==> flow/design.v <==
module sync_addsub_n #(
  parameter integer DATA_W = 10
) (
  input  wire clock,
  input  wire nrst,
  input  wire clk_en,
  input  wire [DATA_W-1:0] src1,
  input  wire mode,
  input  wire clear,
  output wire [DATA_W-1:0] q
);
  reg [DATA_W-1:0] src1_q;
  reg mode_q;
  reg clear_q;
  reg [DATA_W-1:0] run_sum;
  always @(posedge clock or negedge nrst) begin
    if (!nrst) begin
      src1_q <= 0;
      mode_q <= 1'b0;
      clear_q <= 1'b0;
      run_sum <= 0;
    end else if (clk_en) begin
      src1_q <= src1;
      mode_q <= mode;
      clear_q <= clear;
      run_sum <= clear_q ? src1_q : mode_q ? run_sum - src1_q : run_sum + src1_q;
    end
  end
  assign q = run_sum;
endmodule
Step by step through the tools: sync_addsub_n

Tool output for the design above, in the order of the flow.
Lines are those of the file above, counted from 1.
Library cell names are shortened.
Not given: --

Top: sync_addsub_n
Clock port: clock
Cell library: sky130hd
Library corner: tt_025C_1v80

Elaborated design

Source: Yosys, flattened and elaborated, memories not mapped. Widths are those after wreduce; folded enables and synchronous resets count as part of the registers. Registers that Yosys merges into a memory's read port (data or address) are not register bits. Print and check cells do not count. Equal cells are merged and count once.

Input bits: 15
Word-level cells: 8
Register bits after elaboration: 22

Add/subtract/negate cells: 2
Mux-type cells: 2

Operators by type and width:

| kind               | number |
| two-way mux 10 bit | 2 |
| adder 10 bit       | 1 |
| subtractor 10 bit  | 1 |

Depth

Longest topological path by Yosys (ltp), each cell counted once; first at word level (registers and memories cut), then after technology mapping (sequential cells cut; the memories' decode and read muxes count).

Depth after elaboration: 3
ABC_AREA: 0
Mapped depth: 10

Synthesis result

Source: synth_stat.txt of the flow (Yosys; design flattened, memories mapped). It holds for the ABC_AREA given above (unset counts as 0); a run with the other value may have another netlist.

Area of sequential cells: 0.0005505 mm²
Cell area after synthesis: 0.0015302 mm²
Cell count: 159
Buffer cells: 8
Flip-flop cells: 22

Cells by type:

| cell type | number | total area (µm²) |
| dfrtp_1   | 22     | 550.528 |
| ha_1      | 10     | 125.12 |
| mux2_2    | 11     | 123.869 |
| xnor2_1   | 10     | 87.584 |
| a21oi_1   | 12     | 60.058 |
| nor2_1    | 11     | 41.29 |
| o21ai_0   | 8      | 40.038 |
| nand2_1   | 10     | 37.536 |
| a31oi_1   | 5      | 31.28 |
| nor3_1    | 5      | 25.024 |
| inv_1     | 6      | 22.522 |
| o21a_1    | 3      | 22.522 |
| nor4_4    | 1      | 21.27 |
| and4b_1   | 2      | 20.019 |
| fa_1      | 1      | 20.019 |
| mux2i_1   | 2      | 20.019 |
| a21o_2    | 2      | 17.517 |
| a211oi_1  | 2      | 15.014 |

Other cell types: 26; their cells: 36.

Worst setup path after synthesis

Source: OpenSTA report_checks on the synthesized netlist (no wires, ideal clock, input and output delay 20% of the period each), path of least setup slack; recovery checks are left aside. Register names are those of the netlist, which keeps one name where synthesis merged equal registers.

Path type: reg-to-reg
Start: register src1_q[2]
End: register run_sum[8]
Slack: 0.591 ns
Buffers on the path: 1
Data required time: 2.829 ns
Driving pins on the path: 11
Time at the first pin: 0.000 ns
Delay of the path: 2.369 ns
Clock period: 2.96 ns
Arrival: 2.238 ns
Synthesis period reached: 2.369 ns

"delay of the path" is the arrival time less input delay plus setup time.
"driving pins on the path" counts driving pins, that of a launching flip-flop among them; a cell with two outputs on the path counts twice.
"synthesis period reached" = period - worst setup slack (recovery checks aside). The figure is calculated, with input and output delays left at 20% of the set period.
The rows between start and end are the longest chain of elaborated cells between them; the timing report does not say that the signal goes this way. Where chains are equally long, one stands for them.
A line is the first line of the expression or statement that the cell stems from. Yosys adds cells for indexed reads and writes and turns some case tables into memories.

Cell sequence: dfrtp_1 clkbuf_2 nor4_4 a21oi_1 xnor2_1 ha_1 a21o_1 a21o_2 a31oi_1 nor4_1 or3_1
Length of the longest elaborated chain: 3
Elaborated cells between the ends (all ways): 4
RTL lines with such cells: 1
Classes of those cells: add/sub: 2; mux: 2

RTL lines, path post-synthesis:

| element                         | RTL line | text |
| from (decl)                     | 12       | `reg [DATA_W-1:0] src1_q;` |
| from (assign)                   | 18       | `src1_q <= 0;` |
| from (assign)                   | 23       | `src1_q <= src1;` |
| adder 10 bit                    | 26       | `run_sum <= clear_q ? src1_q : mode_q ? run_sum - src1_q : run_sum + src1_q;` |
| two-way mux 10 bit (2 in a row) | 26       |  |
| to (assign)                     | 21       | `run_sum <= 0;` |
| to (assign)                     | 26       |  |
| to (decl)                       | 15       | `reg [DATA_W-1:0] run_sum;` |

Worst path after layout

Path of least setup slack in the final report of stored run 1 (OpenROAD, finished layout, wires in). Where an end is a register, its clock arrival counts in the times.

Path type: reg-to-reg
Start: register src1_q[4]
End: register run_sum[8]
Slack: 0.37 ns
Clock period: 2.96 ns
Time at the first pin: 0.26 ns
Arrival: 2.75 ns
Data required time: 3.12 ns
Buffers on the path: 0
Driving pins on the path: 10

The rows between start and end are the longest chain of elaborated cells between them; the timing report does not say that the signal goes this way. Where chains are equally long, one stands for them.

Cell sequence: dfrtp_1 nor4_4 a21oi_1 xnor2_1 ha_1 a21o_1 a21o_2 a31oi_1 nor4_1 or3_1
Length of the longest elaborated chain: 3
Elaborated cells between the ends (all ways): 4
RTL lines with such cells: 1
Classes of those cells: add/sub: 2; mux: 2

RTL lines, path post-layout:

| element                         | RTL line | text |
| from (decl)                     | 12       | `reg [DATA_W-1:0] src1_q;` |
| from (assign)                   | 18       | `src1_q <= 0;` |
| from (assign)                   | 23       | `src1_q <= src1;` |
| adder 10 bit                    | 26       | `run_sum <= clear_q ? src1_q : mode_q ? run_sum - src1_q : run_sum + src1_q;` |
| two-way mux 10 bit (2 in a row) | 26       |  |
| to (assign)                     | 21       | `run_sum <= 0;` |
| to (assign)                     | 26       |  |
| to (decl)                       | 15       | `reg [DATA_W-1:0] run_sum;` |

Memo
Re: implementation data of sync_addsub_n

Top module sync_addsub_n; platform sky130hd; tools Yosys and OpenROAD; 3 stored runs in no particular order. Input and output delays are each 20% of the period that was set; the output load is 0.01 pF.
By "power" is meant OpenSTA's value without simulated activity: inputs other than the clock are taken to toggle once in ten clock periods, and the tool carries that through the logic.

## Stored run 1

==> flow/run.sh <==
#!/bin/bash
# the make line also repeats the synthesis and layout settings of config.mk as NAME=value (left out here)
make -C /OpenROAD-flow-scripts/flow DESIGN_CONFIG=/design/flow/config.mk WORK_HOME=/design/flow/orfs CLKGATE_MAP_FILE= finish
==> flow/config.mk <==
export PLATFORM = sky130hd
export DESIGN_NAME = sync_addsub_n
export DESIGN_NICKNAME = sync_addsub_n
export VERILOG_FILES = /design/flow/design.v
export SDC_FILE = /design/flow/constraint.sdc
export NUM_CORES = 4
export LEC_CHECK = 0
export CAP_MARGIN = 20
export CORE_MARGIN = 2
export CORE_UTILIZATION = 40
export SLEW_MARGIN = 20
==> flow/constraint.sdc <==
create_clock -name core_clock -period 2.96 [get_ports {clock}]
set_input_delay 0.5920 -clock core_clock [delete_from_list [all_inputs] [get_ports {clock}]]
set_output_delay 0.5920 -clock core_clock [all_outputs]
set_load 0.01 [all_outputs]

| result of stored run 1 | value |
|---|---|
| standard-cell area after layout | 0.0018805 mm² |
| overall die area | 0.0043362 mm² |
| setup slack of the worst path | 0.367 ns |
| power | 1.524 mW |
| chip area in the Yosys report | 0.0015302 mm² |
| utilization in the final report | 0.514 |

## Stored run 2

==> flow/run.sh <==
#!/bin/bash
# the make line also repeats the synthesis and layout settings of config.mk as NAME=value (left out here)
make -C /OpenROAD-flow-scripts/flow DESIGN_CONFIG=/design/flow/config.mk WORK_HOME=/design/flow/orfs CLKGATE_MAP_FILE= finish
==> flow/config.mk <==
export PLATFORM = sky130hd
export DESIGN_NAME = sync_addsub_n
export DESIGN_NICKNAME = sync_addsub_n
export VERILOG_FILES = /design/flow/design.v
export SDC_FILE = /design/flow/constraint.sdc
export NUM_CORES = 4
export LEC_CHECK = 0
export CAP_MARGIN = 20
export CELL_PAD_IN_SITES_GLOBAL_PLACEMENT = 2
export CORE_ASPECT_RATIO = 1.68
export CORE_MARGIN = 2
export CORE_UTILIZATION = 49
export CTS_CLUSTER_DIAMETER = 32
export CTS_CLUSTER_SIZE = 76
export MAX_ROUTING_LAYER = met4
export PLACE_DENSITY_LB_ADDON = 0.19
export SETUP_SLACK_MARGIN = 0.35
export SLEW_MARGIN = 20
==> flow/constraint.sdc <==
create_clock -name core_clock -period 4.03 [get_ports {clock}]
set_input_delay 0.8060 -clock core_clock [delete_from_list [all_inputs] [get_ports {clock}]]
set_output_delay 0.8060 -clock core_clock [all_outputs]
set_load 0.01 [all_outputs]

| result of stored run 2 | value |
|---|---|
| standard-cell area after layout | 0.0018368 mm² |
| overall die area | 0.003601 mm² |
| setup slack of the worst path | 1.414 ns |
| power | 1.071 mW |
| chip area in the Yosys report | 0.0015302 mm² |
| utilization in the final report | 0.607 |

## Stored run 3

==> flow/run.sh <==
#!/bin/bash
# the make line also repeats the synthesis and layout settings of config.mk as NAME=value (left out here)
make -C /OpenROAD-flow-scripts/flow DESIGN_CONFIG=/design/flow/config.mk WORK_HOME=/design/flow/orfs CLKGATE_MAP_FILE= finish
==> flow/config.mk <==
export PLATFORM = sky130hd
export DESIGN_NAME = sync_addsub_n
export DESIGN_NICKNAME = sync_addsub_n
export VERILOG_FILES = /design/flow/design.v
export SDC_FILE = /design/flow/constraint.sdc
export NUM_CORES = 4
export LEC_CHECK = 0
export CAP_MARGIN = 20
export CELL_PAD_IN_SITES_DETAIL_PLACEMENT = 0
export CELL_PAD_IN_SITES_GLOBAL_PLACEMENT = 1
export CORE_ASPECT_RATIO = 1.08
export CORE_MARGIN = 8
export CORE_UTILIZATION = 65
export CTS_CLUSTER_DIAMETER = 27
export GPL_ROUTABILITY_DRIVEN = 0
export MAX_ROUTING_LAYER = met4
export MIN_ROUTING_LAYER = met2
export PLACE_DENSITY_LB_ADDON = 0.01
export SETUP_SLACK_MARGIN = -0.11
export SLEW_MARGIN = 20
export TNS_END_PERCENT = 90
==> flow/constraint.sdc <==
create_clock -name core_clock -period 1.9 [get_ports {clock}]
set_input_delay 0.3800 -clock core_clock [delete_from_list [all_inputs] [get_ports {clock}]]
set_output_delay 0.3800 -clock core_clock [all_outputs]
set_load 0.01 [all_outputs]

Stored run 3: no final report: placement broke off with FLW-0024
